==> flow/design.v <==
module mux_mod #(
    parameter W = 8,
    parameter LANES = 12
) (
    input  i_clk,
    input  rstn,
    input  [LANES*W-1:0] i_ch,
    input  [LANES-1:0] i_s,
    output [W-1:0] o_res
);
    reg [LANES*W-1:0] ch_s;
    always @(posedge i_clk) begin
        if (~rstn) begin
            ch_s <= 0;
        end else begin
            ch_s <= i_ch;
        end
    end
    reg [LANES-1:0] s_s;
    always @(posedge i_clk) begin
        if (~rstn) begin
            s_s <= 0;
        end else begin
            s_s <= i_s;
        end
    end
    reg [W-1:0] tmp;
    integer t;
    always @(*) begin
        tmp = 0;
        for (t = LANES-1; t >= 0; t = t - 1)
            if (s_s[t]) tmp = ch_s[t*W +: W];
    end
    assign o_res = tmp;
endmodule
--- tool output ---
==> Tool chain data of mux_mod <==
A sweep over "W": the same steps for each member of the family.
The file above is the member W=8. Line numbers count from 1 in each member's own file.
Operators carry their Yosys type and port widths (W data, S select, Z words).
{ "inputs": {"design": "mux_mod", "clk_port": "i_clk", "library": "sky130hd", "lib_corner": "tt_025C_1v80"} }

==> Members of the sweep <==
Lines of each other member's file that are new or changed against the file above; lines that a member lacks are not shown.
{ "src_changes": {"columns": ["W", "line_no", "source"], "rows": [
  [12, 2, "parameter W = 12,"],
  [32, 2, "parameter W = 32,"],
  [48, 2, "parameter W = 48,"],
  [64, 2, "parameter W = 64,"]
]} }

==> After elaboration <==
Yosys after proc, flatten, opt, wreduce and memory -nomap, before mapping. Enables and synchronous resets that opt folds into registers are not counted as muxes. Memory bits, and registers merged into a memory's read port (data or address), are not among the register bits. Print and check cells are not counted. Equal cells are merged and count once.
{ "word_totals": {"columns": ["W", "input_bits", "n_memories", "latch_bits", "clocked_rd_ports_x_width", "output_inout_bits", "mem_bits_ro", "mem_bits_rw", "elab_cells", "register_bits"], "rows": [
  [8, 110, 0, 0, 0, 8, 0, 0, 14, 108],
  [12, 158, 0, 0, 0, 12, 0, 0, 14, 156],
  [32, 398, 0, 0, 0, 32, 0, 0, 14, 396],
  [48, 590, 0, 0, 0, 48, 0, 0, 14, 588],
  [64, 782, 0, 0, 0, 64, 0, 0, 14, 780]
]} }
{ "classes": {"columns": ["W", "n_shift", "muxes", "n_div", "reduce_logical", "compare", "bitwise", "equal", "addsub", "n_mul"], "rows": [
  [8, 0, 12, 0, 0, 0, 0, 0, 0, 0],
  [12, 0, 12, 0, 0, 0, 0, 0, 0, 0],
  [32, 0, 12, 0, 0, 0, 0, 0, 0, 0],
  [48, 0, 12, 0, 0, 0, 0, 0, 0, 0],
  [64, 0, 12, 0, 0, 0, 0, 0, 0, 0]
]} }
{ "ops": {"columns": ["W", "operators"], "rows": [
  [8, "12 x $mux W8"],
  [12, "12 x $mux W12"],
  [32, "12 x $mux W32"],
  [48, "12 x $mux W48"],
  [64, "12 x $mux W64"]
]} }

==> Logic depth <==
Depth = most cells in a row (Yosys ltp): at word level without a register or memory, in the mapped netlist without a sequential cell, where the memories' decode and read muxes count.
{ "logic_depth": {"columns": ["W", "depth_word", "abc_area", "depth_mapped", "mapped_depth_nobuf"], "rows": [
  [8, 12, 0, 6, 4],
  [12, 12, 0, 6, 4],
  [32, 12, 0, 7, 4],
  [48, 12, 0, 7, 4],
  [64, 12, 0, 7, 4]
]} }

==> Synthesis result <==
Source: synth_stat.txt of the flow (Yosys; design flattened, memories mapped). It holds for the ABC_AREA given above (unset counts as 0); a run with the other value may have another netlist.
Totals and module areas in this step are rounded.
{ "by_type": {"columns": ["W", "type_list"], "rows": [
  [8, "108 x sky130_fd_sc_hd__dfxtp_1; 108 x sky130_fd_sc_hd__and2_1; 23 x sky130_fd_sc_hd__nor3b_1; 24 x sky130_fd_sc_hd__nor2b_1; 15 x sky130_fd_sc_hd__o31ai_1; 25 x sky130_fd_sc_hd__nand2_1; 16 x sky130_fd_sc_hd__a21oi_1; 7 x sky130_fd_sc_hd__o2bb2ai_1; 8 x sky130_fd_sc_hd__a211oi_1; 7 x sky130_fd_sc_hd__a22oi_1; 10 x sky130_fd_sc_hd__buf_2; 10 x sky130_fd_sc_hd__o21ai_0; 11 x sky130_fd_sc_hd__clkbuf_1; 8 x sky130_fd_sc_hd__nand3_1; 8 x sky130_fd_sc_hd__nor3_1; 3 x sky130_fd_sc_hd__buf_6; 6 x sky130_fd_sc_hd__o21ai_1; 1 x sky130_fd_sc_hd__nor3b_4; (+11)"],
  [12, "156 x sky130_fd_sc_hd__dfxtp_1; 156 x sky130_fd_sc_hd__and2_1; 35 x sky130_fd_sc_hd__nor3b_1; 36 x sky130_fd_sc_hd__nor2b_1; 23 x sky130_fd_sc_hd__o31ai_1; 37 x sky130_fd_sc_hd__nand2_1; 24 x sky130_fd_sc_hd__a21oi_1; 11 x sky130_fd_sc_hd__o2bb2ai_1; 12 x sky130_fd_sc_hd__a211oi_1; 23 x sky130_fd_sc_hd__clkbuf_1; 11 x sky130_fd_sc_hd__a22oi_1; 16 x sky130_fd_sc_hd__o21ai_1; 7 x sky130_fd_sc_hd__buf_6; 12 x sky130_fd_sc_hd__nand3_1; 12 x sky130_fd_sc_hd__nor3_1; 11 x sky130_fd_sc_hd__buf_2; 8 x sky130_fd_sc_hd__o21ai_0; 1 x sky130_fd_sc_hd__nor3b_4; (+11)"],
  [32, "396 x sky130_fd_sc_hd__dfxtp_1; 396 x sky130_fd_sc_hd__and2_1; 64 x sky130_fd_sc_hd__nor3b_1; 65 x sky130_fd_sc_hd__nor2b_1; 64 x sky130_fd_sc_hd__a21oi_1; 81 x sky130_fd_sc_hd__clkbuf_1; 31 x sky130_fd_sc_hd__a2bb2oi_1; 31 x sky130_fd_sc_hd__o221ai_1; 66 x sky130_fd_sc_hd__nand2_1; 32 x sky130_fd_sc_hd__a211oi_1; 32 x sky130_fd_sc_hd__o31ai_1; 31 x sky130_fd_sc_hd__a22oi_1; 33 x sky130_fd_sc_hd__nand2b_1; 21 x sky130_fd_sc_hd__o2bb2ai_1; 34 x sky130_fd_sc_hd__buf_2; 32 x sky130_fd_sc_hd__nand3_1; 32 x sky130_fd_sc_hd__nor3_1; 32 x sky130_fd_sc_hd__o21ai_0; (+58)"],
  [48, "588 x sky130_fd_sc_hd__dfxtp_1; 588 x sky130_fd_sc_hd__and2_1; 141 x sky130_fd_sc_hd__inv_1; 129 x sky130_fd_sc_hd__clkbuf_1; 96 x sky130_fd_sc_hd__a21oi_1; 47 x sky130_fd_sc_hd__a221oi_1; 47 x sky130_fd_sc_hd__a2bb2oi_1; 47 x sky130_fd_sc_hd__o221ai_1; 98 x sky130_fd_sc_hd__nand2_1; 49 x sky130_fd_sc_hd__nor3b_1; 48 x sky130_fd_sc_hd__a211oi_1; 48 x sky130_fd_sc_hd__o31ai_1; 47 x sky130_fd_sc_hd__a22oi_1; 51 x sky130_fd_sc_hd__nor2b_1; 49 x sky130_fd_sc_hd__nand2b_1; 19 x sky130_fd_sc_hd__o2bb2ai_2; 28 x sky130_fd_sc_hd__o2bb2ai_1; 48 x sky130_fd_sc_hd__nand3_1; (+111)"],
  [64, "780 x sky130_fd_sc_hd__dfxtp_1; 780 x sky130_fd_sc_hd__and2_1; 322 x sky130_fd_sc_hd__nand2_1; 191 x sky130_fd_sc_hd__a21oi_1; 60 x sky130_fd_sc_hd__a221oi_2; 190 x sky130_fd_sc_hd__inv_1; 62 x sky130_fd_sc_hd__a221o_1; 158 x sky130_fd_sc_hd__clkbuf_1; 62 x sky130_fd_sc_hd__a211o_1; 62 x sky130_fd_sc_hd__nand4b_1; 66 x sky130_fd_sc_hd__nor3b_1; 67 x sky130_fd_sc_hd__nor2b_1; 55 x sky130_fd_sc_hd__a22oi_1; 44 x sky130_fd_sc_hd__o31ai_1; 65 x sky130_fd_sc_hd__nand3_1; 57 x sky130_fd_sc_hd__buf_2; 55 x sky130_fd_sc_hd__o21ai_0; 20 x sky130_fd_sc_hd__o31ai_2; (+65)"]
]} }
A list marked (+n) leaves out that many cells.
{ "mapped": {"columns": ["W", "yosys_area_um2", "cells", "ffs", "seqArea_um2", "buf_cells"], "rows": [
  [8, 4000, 409, 108, 2200, 28],
  [12, 5800, 602, 156, 3100, 45],
  [32, 15000, 1531, 396, 7900, 124],
  [48, 22000, 2279, 588, 12000, 183],
  [64, 30000, 3161, 780, 16000, 248]
]} }

==> Timing after synthesis <==
Source: OpenSTA report_checks on the synthesized netlist (no wires, ideal clock, input and output delay 20% of the period each), path of least setup slack; recovery checks are left aside. Register names are those of the netlist, which keeps one name where synthesis merged equal registers.
{ "synth_timing": {"columns": ["W", "kind", "startpoint", "endpoint", "stages", "period_ns", "path_delay_ns", "path_slack_ns", "period_less_setup_slack_ns"], "rows": [
  [8, "register to output", "reg s_s[6]", "out o_res[4]", 6, 1.76, 1.127, 0.281, 1.479],
  [12, "register to output", "reg s_s[6]", "out o_res[2]", 7, 1.79, 1.147, 0.285, 1.505],
  [32, "register to output", "reg s_s[10]", "out o_res[3]", 7, 2.03, 1.297, 0.327, 1.703],
  [48, "register to output", "reg s_s[6]", "out o_res[36]", 8, 2.14, 1.367, 0.345, 1.795],
  [64, "register to output", "reg s_s[9]", "out o_res[42]", 8, 2.12, 1.360, 0.336, 1.784]
]} }
"path_delay_ns" is the arrival time less input delay plus setup time.
At an output port there is no setup time.
"stages": output pins that drive a net of the path, with the launching flip-flop's if there is one; two outputs of one cell count as two.
"period_less_setup_slack_ns" is the clock period less the worst setup slack; recovery checks do not enter. This is arithmetic on one report: input and output delays are still those of the set period (20% each).
The rows between start and end are the longest chain of elaborated cells between them; the timing report does not say that the signal goes this way. Where chains are equally long, one stands for them.
A line is the first line of the expression or statement that the cell stems from. Yosys adds cells for indexed reads and writes and turns some case tables into memories.
{ "synth_via_W_8": {"elab_chain_len": 7} }
{ "synth_lines_W_8": {"columns": ["element", "line_no", "source"], "rows": [
  ["from (decl)", 19, "reg [LANES-1:0] s_s;"],
  ["from (assign)", 22, "s_s <= 0;"],
  ["from (assign)", 24, "s_s <= i_s;"],
  ["$mux W8 (7 in a row)", 32, "if (s_s[t]) tmp = ch_s[t*W +: W];"],
  ["to (decl)", 9, "output [W-1:0] o_res"]
]} }
{ "synth_via_W_64": {"elab_chain_len": 10} }
{ "synth_lines_W_64": {"columns": ["element", "line_no", "source"], "rows": [
  ["from (decl)", 19, "reg [LANES-1:0] s_s;"],
  ["from (assign)", 22, "s_s <= 0;"],
  ["from (assign)", 24, "s_s <= i_s;"],
  ["$mux W64 (10 in a row)", 32, "if (s_s[t]) tmp = ch_s[t*W +: W];"],
  ["to (decl)", 9, "output [W-1:0] o_res"]
]} }

==> Path in the finished layout <==
From the final timing report of the run of each member: the path of least setup slack in the routed layout; clock arrival at registers is part of the times.
{ "layout_timing": {"columns": ["W", "kind", "startpoint", "endpoint", "period_ns", "t_arrival_ns", "path_slack_ns", "stages", "path_buffers"], "rows": [
  [8, "register to output", "reg s_s[8]", "out o_res[7]", 1.76, 1.68, -0.27, 7, 2],
  [12, "register to output", "reg s_s[3]", "out o_res[5]", 1.79, 1.86, -0.43, 8, 3],
  [32, "register to output", "reg s_s[6]", "out o_res[16]", 2.03, 2.18, -0.55, 9, 4],
  [48, "register to output", "reg s_s[10]", "out o_res[37]", 2.14, 2.25, -0.54, 9, 4],
  [64, "register to output", "reg s_s[7]", "out o_res[43]", 2.12, 2.44, -0.75, 9, 4]
]} }

==> Layout results <==
Settings and results of one run of the flow (Yosys, OpenROAD) for each member follow. The constraints put input and output delay at 20% of the set period each and load the outputs with 0.01 pF.
{ "flow_settings": {"CAP_MARGIN": 20, "CORE_MARGIN": 2, "CORE_UTILIZATION": 40, "SLEW_MARGIN": 20} }
{ "settings_diff": {"columns": ["W", "period_ns"], "rows": [
  [8, 1.76],
  [12, 1.79],
  [32, 2.03],
  [48, 2.14],
  [64, 2.12]
]} }
{ "measured": {"columns": ["W", "worst_setup_slack_ns", "yosys.chip_area_um2", "power_mw", "die_footprint_um2", "fin_util_frac", "clock_period_reached_ns", "final_stdcell_area_um2"], "rows": [
  [8, -0.27, 4000, 4.9, 11000, 0.62, 2.033, 6000],
  [12, -0.43, 5800, 8.6, 16000, 0.63, 2.215, 9000],
  [32, -0.55, 15000, 19, 39000, 0.61, 2.582, 22000],
  [48, -0.54, 22000, 27, 57000, 0.62, 2.680, 34000],
  [64, -0.75, 30000, 37, 77000, 0.61, 2.865, 45000]
]} }
"clock_period_reached_ns": clock period set for the run, less the worst setup slack. It is reckoned from that one timing run; input and output delays stay at 20% of the period that was set.
"power_mw" rests on the timing tool's default activity at the inputs, not on a simulated workload.
Measured values are rounded.
--- end ---
